==> flow/design.v <==
module u_switch #(
  parameter integer DATA_WIDTH = 10
) (
  input  wire aclk,
  input  wire rst,
  input  wire [DATA_WIDTH-1:0] i_d_0,
  input  wire [DATA_WIDTH-1:0] i_d_1,
  input  wire [DATA_WIDTH-1:0] i_d_2,
  input  wire [DATA_WIDTH-1:0] i_d_3,
  input  wire [DATA_WIDTH-1:0] i_d_4,
  input  wire [3:0] i_idx,
  output wire [DATA_WIDTH-1:0] o_data_out
);
  reg [DATA_WIDTH-1:0] d_0_q;
  reg [DATA_WIDTH-1:0] d_1_q;
  reg [DATA_WIDTH-1:0] d_2_q;
  reg [DATA_WIDTH-1:0] d_3_q;
  reg [DATA_WIDTH-1:0] d_4_q;
  reg [3:0] idx_q;
  reg [DATA_WIDTH-1:0] tmp;
  always @(*) begin
    casez (idx_q)
      4'b???1: tmp = d_0_q;
      4'b??10: tmp = d_1_q;
      4'b?100: tmp = d_2_q;
      4'b1000: tmp = d_3_q;
      default: tmp = d_4_q;
    endcase
  end
  assign o_data_out = tmp;
  always @(posedge aclk) begin
    if (rst) begin
      d_0_q <= 0;
      d_1_q <= 0;
      d_2_q <= 0;
      d_3_q <= 0;
      d_4_q <= 0;
      idx_q <= 0;
    end else begin
      d_0_q <= i_d_0;
      d_1_q <= i_d_1;
      d_2_q <= i_d_2;
      d_3_q <= i_d_3;
      d_4_q <= i_d_4;
      idx_q <= i_idx;
    end
  end
endmodule
# == From RTL to reports: u_switch ==
# The steps from the RTL of u_switch to its reports follow in flow order.
# Lines are those of the file above, counted from 1.
# Library cell names are shortened.
# Not given: -
# setup
top_module,u_switch
clock_port,aclk
lib,sky130hd
lib_corner,tt_025C_1v80

# == After elaboration ==
# Yosys after proc, flatten, opt, wreduce and memory -nomap, before mapping. Enables and synchronous resets that opt folds into registers are not counted as muxes. Memory bits, and registers merged into a memory's read port (data or address), are not among the register bits. Print and check cells are not counted. Equal cells are merged and count once.
# op_classes
equal,3
mux,1
# ops
cell,count
case mux 10 bit (select 4 bit),1
equality test 4 bit with constant B,1
equality test 3 bit with constant B,1
equality test 2 bit with constant B,1
# word_totals
register_bits,54
output_inout_bits,10
word_cells,10

# == Logic depth ==
# Depth = most cells in a row (Yosys ltp): at word level without a register or memory, in the mapped netlist without a sequential cell, where the memories' decode and read muxes count.
# depth
depth_word,2
abc_area,1
depth_mapped,5

# == After synthesis ==
# The flow's flattened synthesis, as Yosys stat reports it; memories are mapped. The netlist is that of the ABC_AREA named above (0 if unset); the other value can give another one.
# mapped
stdcells,259
mapped_area_um2,1996.9
flip_flops,54
buffers,12
# by_type
type,count,area_total_um2
dfxtp_1,54,1.08E+03
inv_1,64,240.23
nor2_1,54,202.694
nand3_1,40,200.192
nand2_1,20,75.072
nand4_1,10,62.56
buf_6,5,56.304
nor2_4,3,33.782
buf_2,6,30.029
buf_4,1,7.507
inv_2,2,7.507

# == Worst setup path after synthesis ==
# OpenSTA on the mapped netlist: ideal clock, no wires. The path of least setup slack (recovery checks aside). Input and output delay are each 20% of the period. Register names are those of the netlist, which keeps one name where synthesis merged equal registers.
# synth_path
path_type,register -> output
start,register idx_q[0]
end,output port o_data_out[0]
period_ps,1910
out_delay_ps,382
launch_ps,0
t_arrival_ps,808
required_time_ps,1528
slack_ps,720
delay_ps,808
path_stages,5
synth_period_reached_ps,1190
# "delay_ps" = arrival - input delay + setup time.
# At an output port there is no setup time.
# "path_stages": output pins that drive a net of the path, with the launching flip-flop's if there is one; two outputs of one cell count as two.
# "synth_period_reached_ps" = period - worst setup slack (recovery checks aside). The figure is calculated, with input and output delays left at 20% of the set period.
# The rows between start and end are the longest chain of elaborated cells between them; the timing report does not say that the signal goes this way. Where chains are equally long, one stands for them.
# A line is the first line of the expression or statement that the cell stems from. Yosys adds cells for indexed reads and writes and turns some case tables into memories.
# synth_via
path_cell_list,dfxtp_1 > nor2_4 > buf_6 > nand3_1 > nand4_1
elab_chain_cells,2
cone_cells,4
lines_between,1
classes_between,eq/ne (3); mux (1)
# synth_lines
element,line_no,rtl
start: declaration,19,reg [3:0] idx_q;
start: assignment,38,idx_q <= 0;
start: assignment,45,idx_q <= i_idx;
equality test 4 bit,22,casez (idx_q)
case mux 10 bit (select 4 bit),22,
end: declaration,12,output wire [DATA_WIDTH-1:0] o_data_out

# == Worst path after layout ==
# From the final timing report of flow run 1: the path of least setup slack in the routed layout; clock arrival at registers is part of the times.
# The path's times are printed in steps of 10 ps; the period is the one set.
# layout_path
path_type,register -> output
start,register idx_q[0]
end,output port o_data_out[0]
period_ps,1680
out_delay_ps,340
launch_ps,300
t_arrival_ps,1410
required_time_ps,1340
slack_ps,-60
path_stages,7
# The rows between start and end are the longest chain of elaborated cells between them; the timing report does not say that the signal goes this way. Where chains are equally long, one stands for them.
# layout_via
path_cell_list,dfxtp_4 > nor2_4 > buf_12 > buf_6 > nand3_1 > nand4_1 > buf_2
elab_chain_cells,2
cone_cells,4
lines_between,1
classes_between,eq/ne (3); mux (1)
# layout_lines
element,line_no,rtl
start: declaration,19,reg [3:0] idx_q;
start: assignment,38,idx_q <= 0;
start: assignment,45,idx_q <= i_idx;
equality test 4 bit,22,casez (idx_q)
case mux 10 bit (select 4 bit),22,
end: declaration,12,output wire [DATA_WIDTH-1:0] o_data_out

Data sheet: physical implementation of u_switch

Record of 3 stored runs of the RTL-to-layout flow on u_switch, platform sky130hd. The runs are unordered. Constraints: input delay and output delay 20% of the set period each, output load 0.01 pF.
By "period_reached_ps" is meant the clock period of the run minus its worst setup slack. This is arithmetic on one report: input and output delays are still those of the set period (20% each).
By "worst_path_ps" is meant the share of the clock period that the worst setup path is allowed (20% is reserved at inputs, 20% at outputs), minus its slack. Clock arrival times at its registers enter into it.
"worst_path_ps" is given in steps of 10 ps.

Flow run 1, flow files:
==> flow/run.sh <==
#!/bin/bash
# the make line also repeats the synthesis and layout settings of config.mk as NAME=value (left out here)
make -C /OpenROAD-flow-scripts/flow DESIGN_CONFIG=/design/flow/config.mk WORK_HOME=/design/flow/orfs CLKGATE_MAP_FILE= finish
==> flow/config.mk <==
export PLATFORM = sky130hd
export DESIGN_NAME = u_switch
export DESIGN_NICKNAME = u_switch
export VERILOG_FILES = /design/flow/design.v
export SDC_FILE = /design/flow/constraint.sdc
export NUM_CORES = 4
export LEC_CHECK = 0
export ABC_AREA = 1
export CAP_MARGIN = 20
export CELL_PAD_IN_SITES_DETAIL_PLACEMENT = 1
export CELL_PAD_IN_SITES_GLOBAL_PLACEMENT = 0
export CORE_MARGIN = 9
export CORE_UTILIZATION = 22
export GPL_ROUTABILITY_DRIVEN = 1
export GPL_TIMING_DRIVEN = 1
export MIN_ROUTING_LAYER = met2
export PLACE_DENSITY = 0.62
export SLEW_MARGIN = 20
==> flow/constraint.sdc <==
create_clock -name core_clock -period 1.68 [get_ports {aclk}]
set_input_delay 0.3360 -clock core_clock [delete_from_list [all_inputs] [get_ports {aclk}]]
set_output_delay 0.3360 -clock core_clock [all_outputs]
set_load 0.01 [all_outputs]

==> results of flow run 1, as CSV <==
result,value
final_util_frac,0.349
timing.setup.ws_ps,-64
worst_path_ps,1410
timing.worst_path_kind,"register -> output"
synthesis_area_um2,1996.9
period_reached_ps,1744
die_footprint_um2,12830.1
setup_tns_ps,-398
worst_hold_slack_ps,472

Flow run 2, flow files:
==> flow/run.sh <==
#!/bin/bash
# the make line also repeats the synthesis and layout settings of config.mk as NAME=value (left out here)
make -C /OpenROAD-flow-scripts/flow DESIGN_CONFIG=/design/flow/config.mk WORK_HOME=/design/flow/orfs CLKGATE_MAP_FILE= finish
==> flow/config.mk <==
export PLATFORM = sky130hd
export DESIGN_NAME = u_switch
export DESIGN_NICKNAME = u_switch
export VERILOG_FILES = /design/flow/design.v
export SDC_FILE = /design/flow/constraint.sdc
export NUM_CORES = 4
export LEC_CHECK = 0
export CAP_MARGIN = 20
export CORE_MARGIN = 2
export CORE_UTILIZATION = 40
export SLEW_MARGIN = 20
==> flow/constraint.sdc <==
create_clock -name core_clock -period 1.91 [get_ports {aclk}]
set_input_delay 0.3820 -clock core_clock [delete_from_list [all_inputs] [get_ports {aclk}]]
set_output_delay 0.3820 -clock core_clock [all_outputs]
set_load 0.01 [all_outputs]

==> results of flow run 2, as CSV <==
result,value
period_reached_ps,2023
final_util_frac,0.597
synthesis_area_um2,1908.1
worst_hold_slack_ps,506
timing.setup.ws_ps,-113
setup_tns_ps,-603
worst_path_ps,1640
timing.worst_path_kind,"register -> output"
die_footprint_um2,5338.5

Flow run 3, flow files:
==> flow/run.sh <==
#!/bin/bash
# the make line also repeats the synthesis and layout settings of config.mk as NAME=value (left out here)
make -C /OpenROAD-flow-scripts/flow DESIGN_CONFIG=/design/flow/config.mk WORK_HOME=/design/flow/orfs CLKGATE_MAP_FILE= finish
==> flow/config.mk <==
export PLATFORM = sky130hd
export DESIGN_NAME = u_switch
export DESIGN_NICKNAME = u_switch
export VERILOG_FILES = /design/flow/design.v
export SDC_FILE = /design/flow/constraint.sdc
export NUM_CORES = 4
export LEC_CHECK = 0
export CAP_MARGIN = 20
export CORE_ASPECT_RATIO = 1.9
export CORE_MARGIN = 9
export CORE_UTILIZATION = 27
export CTS_CLUSTER_DIAMETER = 285
export CTS_CLUSTER_SIZE = 64
export GPL_ROUTABILITY_DRIVEN = 1
export GPL_TIMING_DRIVEN = 1
export PLACE_DENSITY = 0.7
export SLEW_MARGIN = 20
export TNS_END_PERCENT = 80
==> flow/constraint.sdc <==
create_clock -name core_clock -period 1.27 [get_ports {aclk}]
set_input_delay 0.2540 -clock core_clock [delete_from_list [all_inputs] [get_ports {aclk}]]
set_output_delay 0.2540 -clock core_clock [all_outputs]
set_load 0.01 [all_outputs]

==> results of flow run 3, as CSV <==
result,value
synthesis_area_um2,1908.1
worst_hold_slack_ps,402
setup_tns_ps,-7036
die_footprint_um2,10574.1
final_util_frac,0.474
timing.setup.ws_ps,-713
period_reached_ps,1983
worst_path_ps,1730
timing.worst_path_kind,"register -> output"
